==> flow/design.v <==
module add_unit_v2 #(
  parameter DATA_WIDTH = 72,
  parameter SLICE = 6
) (
  input wire clock,
  input wire rstn,
  input wire step,
  input wire [DATA_WIDTH-1:0] first,
  input wire [DATA_WIDTH-1:0] second,
  input wire cin,
  output wire [DATA_WIDTH-1:0] out,
  output wire cy
);
  reg [DATA_WIDTH-1:0] first_r;
  reg [DATA_WIDTH-1:0] second_r;
  reg cin_r;
  localparam NG = DATA_WIDTH / SLICE;
  wire [DATA_WIDTH-1:0] nxt;
  wire [NG:0] c;
  assign c[0] = cin_r;
  genvar i;
  generate
    for (i = 0; i < NG; i = i + 1) begin : row
      wire [SLICE:0] s0 = first_r[i*SLICE +: SLICE] + second_r[i*SLICE +: SLICE];
      wire [SLICE:0] s1 = first_r[i*SLICE +: SLICE] + second_r[i*SLICE +: SLICE] + 1'b1;
      assign {c[i+1], nxt[i*SLICE +: SLICE]} = c[i] ? s1 : s0;
    end
  endgenerate
  assign out = nxt;
  assign cy = c[NG];
  always @(posedge clock or negedge rstn) begin
    if (!rstn) begin
      first_r <= 0;
      second_r <= 0;
      cin_r <= 1'b0;
    end else if (step) begin
      first_r <= first;
      second_r <= second;
      cin_r <= cin;
    end
  end
endmodule
Tool chain data of add_unit_v2
Tool output for the design above, in the order of the flow.
Lines are those of the file above, counted from 1.
Operators: Yosys type, input widths -> output width; for muxes data width and select width s.
Cell names lack the library's common part.
{ "design": {"design": "add_unit_v2", "clock": "clock", "cell_library": "sky130hd", "corner": "tt_025C_1v80"} }

Elaborated design
Source: Yosys, flattened and elaborated, memories not mapped. Widths are those after wreduce; folded enables and synchronous resets count as part of the registers. Registers that Yosys merges into a memory's read port (data or address) are not register bits. Print and check cells do not count. Equal cells are merged and count once.
{ "word_totals": {"latch_bits": 0, "memories": 0, "clocked_rd_ports_x_width": 0, "out_inout_bits": 73, "romBits": 0, "ff_bits": 145, "mem_bits_rw": 0} }
{ "op_classes": {"n_reduce_logical": 0, "compare": 0, "div": 0, "shifts": 0, "mul": 0, "n_mux": 12, "n_addsub": 24, "eq_ne": 0, "logic": 0} }
{ "op_table": {"columns": ["cell", "n"], "rows": [
  ["$add 6x6->7", 12],
  ["$add 7x1->7 const B", 12],
  ["$mux 7", 12]
]} }

Longest topological paths
Yosys ltp: most cells in a row. Word level: on the elaborated netlist, between registers, memories and ports. Mapped: between sequential cells and ports; inverters and the memories' decode and read muxes count.
{ "logic_depth": {"depth_word": 14, "ABC_AREA": 0, "depth_mapped": 20, "mapped_depth_nobuf": 20} }

Synthesis result
Source: synth_stat.txt of the flow (Yosys; design flattened, memories mapped). It holds for the ABC_AREA given above (unset counts as 0); a run with the other value may have another netlist.
Totals and module areas in this step are rounded.
{ "by_type": {"columns": ["cell_type", "n"], "rows": [
  ["dfrtp_1", 145],
  ["mux2_2", 147],
  ["ha_1", 84],
  ["xnor2_1", 75],
  ["xor2_1", 39],
  ["fa_1", 12],
  ["a21oi_1", 41],
  ["nand2_1", 45],
  ["a21o_1", 21],
  ["nor2_1", 36],
  ["o21bai_1", 18],
  ["inv_1", 34],
  ["nand4_1", 16],
  ["nand3_1", 19],
  ["mux2i_4", 4],
  ["o21ai_0", 11],
  ["mux2i_1", 5],
  ["clkbuf_1", 13]
]} }
Not listed: further types 37, cells in them 87.
{ "mapped": {"buffers": 18, "seq_area_um2": 3628, "mapped_area_um2": 9615, "mapped_cells": 852, "flip_flops": 145} }

Worst setup path after synthesis
Path of least setup slack by OpenSTA after synthesis, without wires, with an ideal clock, recovery checks aside; 20% of the period is set as input and as output delay. Where synthesis merged equal registers, the netlist keeps one of their names.
{ "synth_path": {"path_type": "register -> output", "from": "reg first_r[0]", "to": "out out[67]", "n_path_buf": 1, "slack_ps": 1442, "t_required_ps": 7224, "tclk_ps": 9030, "launch_ps": 0, "stages": 21, "path_delay_ps": 5782, "arrival_ps": 5782, "out_delay_ps": 1806, "period_less_setup_slack_ps": 7588} }
"path_delay_ps" is the arrival time less input delay plus setup time.
A path that ends at an output port has no setup time.
"stages" counts driving pins, that of a launching flip-flop among them; a cell with two outputs on the path counts twice.
"period_less_setup_slack_ps" is the clock period less the worst setup slack; recovery checks do not enter. This is arithmetic on one report: input and output delays are still those of the set period (20% each).
Between the ends stands the longest chain of elaborated cells between them, by number of cells; it is not shown to be the way that was timed. Of several equally long chains one is given.
A line is the first line of the expression or statement that the cell stems from. Yosys adds cells for indexed reads and writes and turns some case tables into memories.
{ "synth_via": {"path_cell_list": "dfrtp_1 > ha_1 > fa_1 > ha_1 > nand2_1 > nor4b_2 > nand4_1 > and2_1 > buf_2 > a2111o_1 > a211oi_4 > nand4_1 > nand3b_4 > mux2_4 > mux2i_4 > mux2i_2 > mux2i_4 > mux2i_4 > mux2i_4 > xnor2_1 > mux2_1", "elab_chain_cells": 14} }
{ "synth_rtl": {"columns": ["element", "line", "source"], "rows": [
  ["start, declared", 14, "reg [DATA_WIDTH-1:0] first_r;"],
  ["start, assigned", 33, "first_r <= 0;"],
  ["start, assigned", 37, "first_r <= first;"],
  ["$add 6x6->7", 25, "wire [SLICE:0] s1 = first_r[i*SLICE +: SLICE] + second_r[i*SLICE +: SLICE] + 1'b1;"],
  ["$add 7x1->7", 25, null],
  ["$mux 7 (12 in a row)", 26, "assign {c[i+1], nxt[i*SLICE +: SLICE]} = c[i] ? s1 : s0;"],
  ["end, declared", 11, "output wire [DATA_WIDTH-1:0] out,"]
]} }

Path in the finished layout
From the final timing report of run 1: the path of least setup slack in the routed layout; clock arrival at registers is part of the times.
The path's times are printed in steps of 10 ps; the period is the one set.
{ "layout_path": {"path_type": "register -> output", "from": "reg first_r[0]", "to": "out out[67]", "launch_ps": 480, "slack_ps": 560, "out_delay_ps": 1930, "stages": 21, "arrival_ps": 7140, "n_path_buf": 1, "t_required_ps": 7700, "tclk_ps": 9630} }
Between the ends stands the longest chain of elaborated cells between them, by number of cells; it is not shown to be the way that was timed. Of several equally long chains one is given.
{ "layout_via": {"path_cell_list": "dfrtp_1 > ha_1 > fa_1 > ha_1 > nand2_1 > nor4b_2 > nand4_1 > and2_1 > a2111o_1 > a211oi_4 > nand4_1 > nand3b_4 > mux2_4 > mux2i_4 > mux2i_2 > mux2i_4 > mux2i_4 > mux2i_4 > xnor2_1 > mux2_1 > clkdlybuf4s50_1", "elab_chain_cells": 14} }
{ "layout_rtl": {"columns": ["element", "line", "source"], "rows": [
  ["start, declared", 14, "reg [DATA_WIDTH-1:0] first_r;"],
  ["start, assigned", 33, "first_r <= 0;"],
  ["start, assigned", 37, "first_r <= first;"],
  ["$add 6x6->7", 25, "wire [SLICE:0] s1 = first_r[i*SLICE +: SLICE] + second_r[i*SLICE +: SLICE] + 1'b1;"],
  ["$add 7x1->7", 25, null],
  ["$mux 7 (12 in a row)", 26, "assign {c[i+1], nxt[i*SLICE +: SLICE]} = c[i] ? s1 : s0;"],
  ["end, declared", 11, "output wire [DATA_WIDTH-1:0] out,"]
]} }

Appendix: measured runs

Settings and measured results of 3 stored flow runs for module add_unit_v2 (sky130hd), not sorted in any way. The constraints put input and output delay at 20% of the set period each and load the outputs with 0.01 pF.
"achieved_period_ps" = clock period - worst setup slack. The figure is calculated, with input and output delays left at 20% of the set period.
"timing.worst_path_ps": the worst setup path's part of the clock period (all of it between registers, 20% less for each end at a port) less its slack. A launch clock that arrives late makes it longer, a capture clock that arrives late makes it shorter.
By "fin_power_mw" is meant OpenSTA's value without simulated activity: inputs other than the clock are taken to toggle once in ten clock periods, and the tool carries that through the logic.
"timing.worst_path_ps" is known to 10 ps.
The measured numbers are rounded.

Run 1
==> flow/run.sh <==
#!/bin/bash
# the make line also repeats the synthesis and layout settings of config.mk as NAME=value (left out here)
make -C /OpenROAD-flow-scripts/flow DESIGN_CONFIG=/design/flow/config.mk WORK_HOME=/design/flow/orfs CLKGATE_MAP_FILE= finish
==> flow/config.mk <==
export PLATFORM = sky130hd
export DESIGN_NAME = add_unit_v2
export DESIGN_NICKNAME = add_unit_v2
export VERILOG_FILES = /design/flow/design.v
export SDC_FILE = /design/flow/constraint.sdc
export NUM_CORES = 4
export LEC_CHECK = 0
export CAP_MARGIN = 0
export CELL_PAD_IN_SITES_DETAIL_PLACEMENT = 1
export CORE_MARGIN = 2
export CORE_UTILIZATION = 20
export CTS_CLUSTER_DIAMETER = 58
export CTS_CLUSTER_SIZE = 10
export GPL_ROUTABILITY_DRIVEN = 0
export GPL_TIMING_DRIVEN = 1
export PLACE_DENSITY_LB_ADDON = 0.06
export SLEW_MARGIN = 20
export TNS_END_PERCENT = 75
==> flow/constraint.sdc <==
create_clock -name core_clock -period 9.63 [get_ports {clock}]
set_input_delay 1.9260 -clock core_clock [delete_from_list [all_inputs] [get_ports {clock}]]
set_output_delay 1.9260 -clock core_clock [all_outputs]
set_load 0.01 [all_outputs]

==> results of run 1, as JSON <==
{
  "yosys_chip_area_um2": 9615,
  "design_die_area_um2": 49850,
  "finish.stdcell_area_um2": 13150,
  "finalUtil_pct": 27.6,
  "worst_setup_slack_ps": 563,
  "setup_tns_ps": 0,
  "hold_ws_ps": 509,
  "fin_power_mw": 2.590,
  "achieved_period_ps": 9067,
  "timing.worst_path_ps": 7140,
  "critical_path_kind": "register -> output"
}

Run 2
==> flow/run.sh <==
#!/bin/bash
# the make line also repeats the synthesis and layout settings of config.mk as NAME=value (left out here)
make -C /OpenROAD-flow-scripts/flow DESIGN_CONFIG=/design/flow/config.mk WORK_HOME=/design/flow/orfs CLKGATE_MAP_FILE= finish
==> flow/config.mk <==
export PLATFORM = sky130hd
export DESIGN_NAME = add_unit_v2
export DESIGN_NICKNAME = add_unit_v2
export VERILOG_FILES = /design/flow/design.v
export SDC_FILE = /design/flow/constraint.sdc
export NUM_CORES = 4
export LEC_CHECK = 0
export ABC_AREA = 0
export CAP_MARGIN = 20
export CELL_PAD_IN_SITES_DETAIL_PLACEMENT = 2
export CORE_ASPECT_RATIO = 0.68
export CORE_MARGIN = 7
export CORE_UTILIZATION = 37
export GPL_TIMING_DRIVEN = 1
export PLACE_DENSITY = 0.52
export SETUP_SLACK_MARGIN = 1.52
export SLEW_MARGIN = 20
==> flow/constraint.sdc <==
create_clock -name core_clock -period 7.93 [get_ports {clock}]
set_input_delay 1.5860 -clock core_clock [delete_from_list [all_inputs] [get_ports {clock}]]
set_output_delay 1.5860 -clock core_clock [all_outputs]
set_load 0.01 [all_outputs]

==> results of run 2, as JSON <==
{
  "yosys_chip_area_um2": 9615,
  "design_die_area_um2": 30780,
  "finish.stdcell_area_um2": 13530,
  "finalUtil_pct": 53.1,
  "worst_setup_slack_ps": -60,
  "setup_tns_ps": -140,
  "hold_ws_ps": 513,
  "fin_power_mw": 3.345,
  "achieved_period_ps": 7990,
  "timing.worst_path_ps": 6400,
  "critical_path_kind": "register -> output"
}

Run 3
==> flow/run.sh <==
#!/bin/bash
# the make line also repeats the synthesis and layout settings of config.mk as NAME=value (left out here)
make -C /OpenROAD-flow-scripts/flow DESIGN_CONFIG=/design/flow/config.mk WORK_HOME=/design/flow/orfs CLKGATE_MAP_FILE= finish
==> flow/config.mk <==
export PLATFORM = sky130hd
export DESIGN_NAME = add_unit_v2
export DESIGN_NICKNAME = add_unit_v2
export VERILOG_FILES = /design/flow/design.v
export SDC_FILE = /design/flow/constraint.sdc
export NUM_CORES = 4
export LEC_CHECK = 0
export CAP_MARGIN = 20
export CORE_MARGIN = 2
export CORE_UTILIZATION = 40
export SLEW_MARGIN = 20
==> flow/constraint.sdc <==
create_clock -name core_clock -period 9.03 [get_ports {clock}]
set_input_delay 1.8060 -clock core_clock [delete_from_list [all_inputs] [get_ports {clock}]]
set_output_delay 1.8060 -clock core_clock [all_outputs]
set_load 0.01 [all_outputs]

==> results of run 3, as JSON <==
{
  "yosys_chip_area_um2": 9615,
  "design_die_area_um2": 25300,
  "finish.stdcell_area_um2": 12820,
  "finalUtil_pct": 54.4,
  "worst_setup_slack_ps": 387,
  "setup_tns_ps": 0,
  "hold_ws_ps": 512,
  "fin_power_mw": 2.729,
  "achieved_period_ps": 8643,
  "timing.worst_path_ps": 6840,
  "critical_path_kind": "register -> output"
}
